==> flow/design.v <==
module selector #(
    parameter DWIDTH = 4,
    parameter N_IN = 20,
    parameter SW = $clog2(N_IN)
) (
    input wire clk,
    input wire [N_IN*DWIDTH-1:0] in,
    input wire [SW-1:0] idx,
    output wire [DWIDTH-1:0] y
);
    wire [DWIDTH-1:0] lanes [0:N_IN-1];
    genvar k;
    generate
        for (k = 0; k < N_IN; k = k + 1) begin : stage
            assign lanes[k] = in[k*DWIDTH +: DWIDTH];
        end
    endgenerate
    reg [DWIDTH-1:0] y_r;
    always @(posedge clk) begin
        y_r <= lanes[idx];
    end
    assign y = y_r;
endmodule
== Step by step through the tools: selector ==
The steps from the RTL of selector to its reports follow in flow order.
Line numbers count from 1 in the design file above.
Operators: Yosys type, input widths -> output width; for muxes data width and select width s.
Library cell names are shortened.
A cell with -- has no value.
Set-up
  top: selector
  clock: clk
  standard-cell library: sky130hd
  library corner: tt_025C_1v80

== Elaborated design ==
Source: Yosys, flattened and elaborated, memories not mapped. Widths are those after wreduce; folded enables and synchronous resets count as part of the registers. Registers that Yosys merges into a memory's read port (data or address) are not register bits. Print and check cells do not count. Equal cells are merged and count once.
Bit counts
  word width x clocked read ports: 0
  cells after elaboration: 22
  bits in read-only memories: 0
  RAM bits: 0
  output and inout port bits: 4
  memory cells: 0
  input bits: 86
  bits in registers: 4
  bits in latches: 0
Cells by class
  $mul: 0
  magnitude comparators: 0
  reductions and logical operators: 1
  bitwise logic cells: 0
  shifts and indexed selects: 0
  add/subtract/negate cells: 0
  equality and inequality tests: 19
  multiplexer cells: 1
  div/mod/pow operators: 0
Operators by type and width (count)
  $pmux 4 s20: 1
  $eq 5x4->1 const B: 8
  $eq 5x3->1 const B: 4
  $eq 5x5->1 const B: 4
  $eq 5x2->1 const B: 2
  $eq 5x1->1 const B: 1
  $logic_not 5->1: 1

== Depth ==
Longest topological path by Yosys (ltp), each cell counted once; first at word level (registers and memories cut), then after technology mapping (sequential cells cut; the memories' decode and read muxes count).
Logic depth
  word-level depth: 2
  ABC_AREA: 0
  gate-level depth with buffers: 7

== Mapped cells and area ==
Yosys stat after the flow's synthesis: flattened, memories mapped to cells. It holds for the ABC_AREA given above (unset counts as 0); a run with the other value may have another netlist.
Cells by type
  dfxtp_1: count 4, total area 80.077 um^2
  mux2_2: count 6, total area 67.565 um^2
  mux2i_1: count 6, total area 60.058 um^2
  nand3_1: count 12, total area 60.058 um^2
  mux2_1: count 5, total area 56.304 um^2
  nand4_1: count 9, total area 56.304 um^2
  buf_6: count 4, total area 45.043 um^2
  a31oi_1: count 6, total area 37.536 um^2
  nor3b_1: count 4, total area 30.029 um^2
  o32a_1: count 3, total area 30.029 um^2
  a32oi_1: count 3, total area 26.275 um^2
  buf_2: count 5, total area 25.024 um^2
  nor3_1: count 5, total area 25.024 um^2
  mux4_2: count 1, total area 22.522 um^2
  nand2_1: count 6, total area 22.522 um^2
  nand3b_1: count 3, total area 22.522 um^2
  and3_1: count 3, total area 18.768 um^2
  nor2b_1: count 3, total area 18.768 um^2
Not listed: further types 28, cells in them 41.
Mapped netlist
  mapped cells: 129
  buffer cells: 12
  flip-flop cells: 4
  area of sequential cells: 80.1 um^2
  chip area (Yosys): 1001.0 um^2

== Timing after synthesis ==
Path of least setup slack by OpenSTA after synthesis, without wires, with an ideal clock, recovery checks aside; 20% of the period is set as input and as output delay. Where synthesis merged equal registers, the netlist keeps one of their names.
Timing after synthesis
  path kind: input -> register
  start: input port idx[2]
  end: register y_r[0]
  clock period: 1.85 ns
  stages on the path: 5
  path buffers: 1
  required time: 1.728 ns
  setup slack: 0.297 ns
  delay of the path: 1.183 ns
  arrival: 1.431 ns
  period reached after synthesis: 1.553 ns
"delay of the path" = arrival - input delay + setup time.
"stages on the path" counts driving pins, that of a launching flip-flop among them; a cell with two outputs on the path counts twice.
"period reached after synthesis" is the clock period less the worst setup slack; recovery checks do not enter. This is arithmetic on one report: input and output delays are still those of the set period (20% each).
The rows between start and end are the longest chain of elaborated cells between them; the timing report does not say that the signal goes this way. Where chains are equally long, one stands for them.
Each line given opens the expression or statement behind the cell; cells for indexed reads and writes are added by Yosys, which also makes memories of some case tables.
On the way, after synthesis
  cells stage by stage: buf_6 > mux2_2 > a32oi_1 > o211ai_1 > o32a_1
  cells in the longest elaborated chain: 2
  elaborated cells on any way between the ends: 21
  RTL lines with such cells: 1
  classes of those cells: eq/ne: 19; mux: 1; reduce/logical: 1
RTL lines, path after synthesis
  start: declaration: line 8  | input wire [SW-1:0] idx,
  $eq 5x5->1: line 20  | y_r <= lanes[idx];
  $pmux 4 s20: line 20
  end: assignment: line 20
  end: declaration: line 18  | reg [DWIDTH-1:0] y_r;

== Timing after layout ==
From the final timing report of record 1: the path of least setup slack in the routed layout; clock arrival at registers is part of the times.
Timing post-layout
  path kind: input -> register
  start: input port in[29]
  end: register y_r[1]
  path buffers: 1
  stages on the path: 6
  clock period: 1.85 ns
  required time: 1.98 ns
  arrival: 1.99 ns
  setup slack: -0.01 ns
The rows between start and end are the longest chain of elaborated cells between them; the timing report does not say that the signal goes this way. Where chains are equally long, one stands for them.
On the way, post-layout
  cells stage by stage: clkdlybuf4s50_1 > mux2_1 > and3_1 > a221oi_2 > o21ai_1 > o32a_1
  cells in the longest elaborated chain: 1
  elaborated cells on any way between the ends: 1
  RTL lines with such cells: 1
  classes of those cells: mux: 1
RTL lines, path post-layout
  start: declaration: line 7  | input wire [N_IN*DWIDTH-1:0] in,
  $pmux 4 s20: line 20  | y_r <= lanes[idx];
  end: assignment: line 20
  end: declaration: line 18  | reg [DWIDTH-1:0] y_r;

Measured results for selector: 3 stored runs of the Yosys and OpenROAD flow on sky130hd. The settings differ; the order carries no meaning. The constraints put input and output delay at 20% of the set period each and load the outputs with 0.01 pF.
"overall power" rests on the timing tool's default activity at the inputs, not on a simulated workload.

==> record 1: settings <==
{ "period_ns": 1.85, "CAP_MARGIN": 20, "CORE_MARGIN": 2, "CORE_UTILIZATION": 40, "SLEW_MARGIN": 20 }
==> record 1: results <==
smallest hold slack: 0.737 ns
synthesis area: 1001.0 um^2
setup slack of the worst path: -0.009 ns
die size: 2918.7 um^2
overall power: 0.0006896 W
standard-cell area after layout: 2172.1 um^2

==> record 2: settings <==
{ "period_ns": 1.3, "CORE_UTILIZATION": 55, "PLACE_DENSITY_LB_ADDON": 0.06, "CELL_PAD_IN_SITES_DETAIL_PLACEMENT": 2, "TNS_END_PERCENT": 50, "GPL_TIMING_DRIVEN": 1, "GPL_ROUTABILITY_DRIVEN": 1, "CTS_CLUSTER_SIZE": 69, "CAP_MARGIN": 35, "CORE_MARGIN": 2, "SLEW_MARGIN": 20 }
==> record 2: results <==
did not finish, placement stopped with FLW-0024

==> record 3: settings <==
{ "period_ns": 2.49, "CORE_UTILIZATION": 40, "SETUP_SLACK_MARGIN": 0.65, "PLACE_DENSITY_LB_ADDON": 0.04, "CORE_MARGIN": 5, "CELL_PAD_IN_SITES_DETAIL_PLACEMENT": 2, "GPL_ROUTABILITY_DRIVEN": 1, "CTS_CLUSTER_SIZE": 54, "CAP_MARGIN": 5, "SLEW_MARGIN": 10, "MAX_ROUTING_LAYER": "met4" }
==> record 3: results <==
did not finish, placement stopped with a tool error
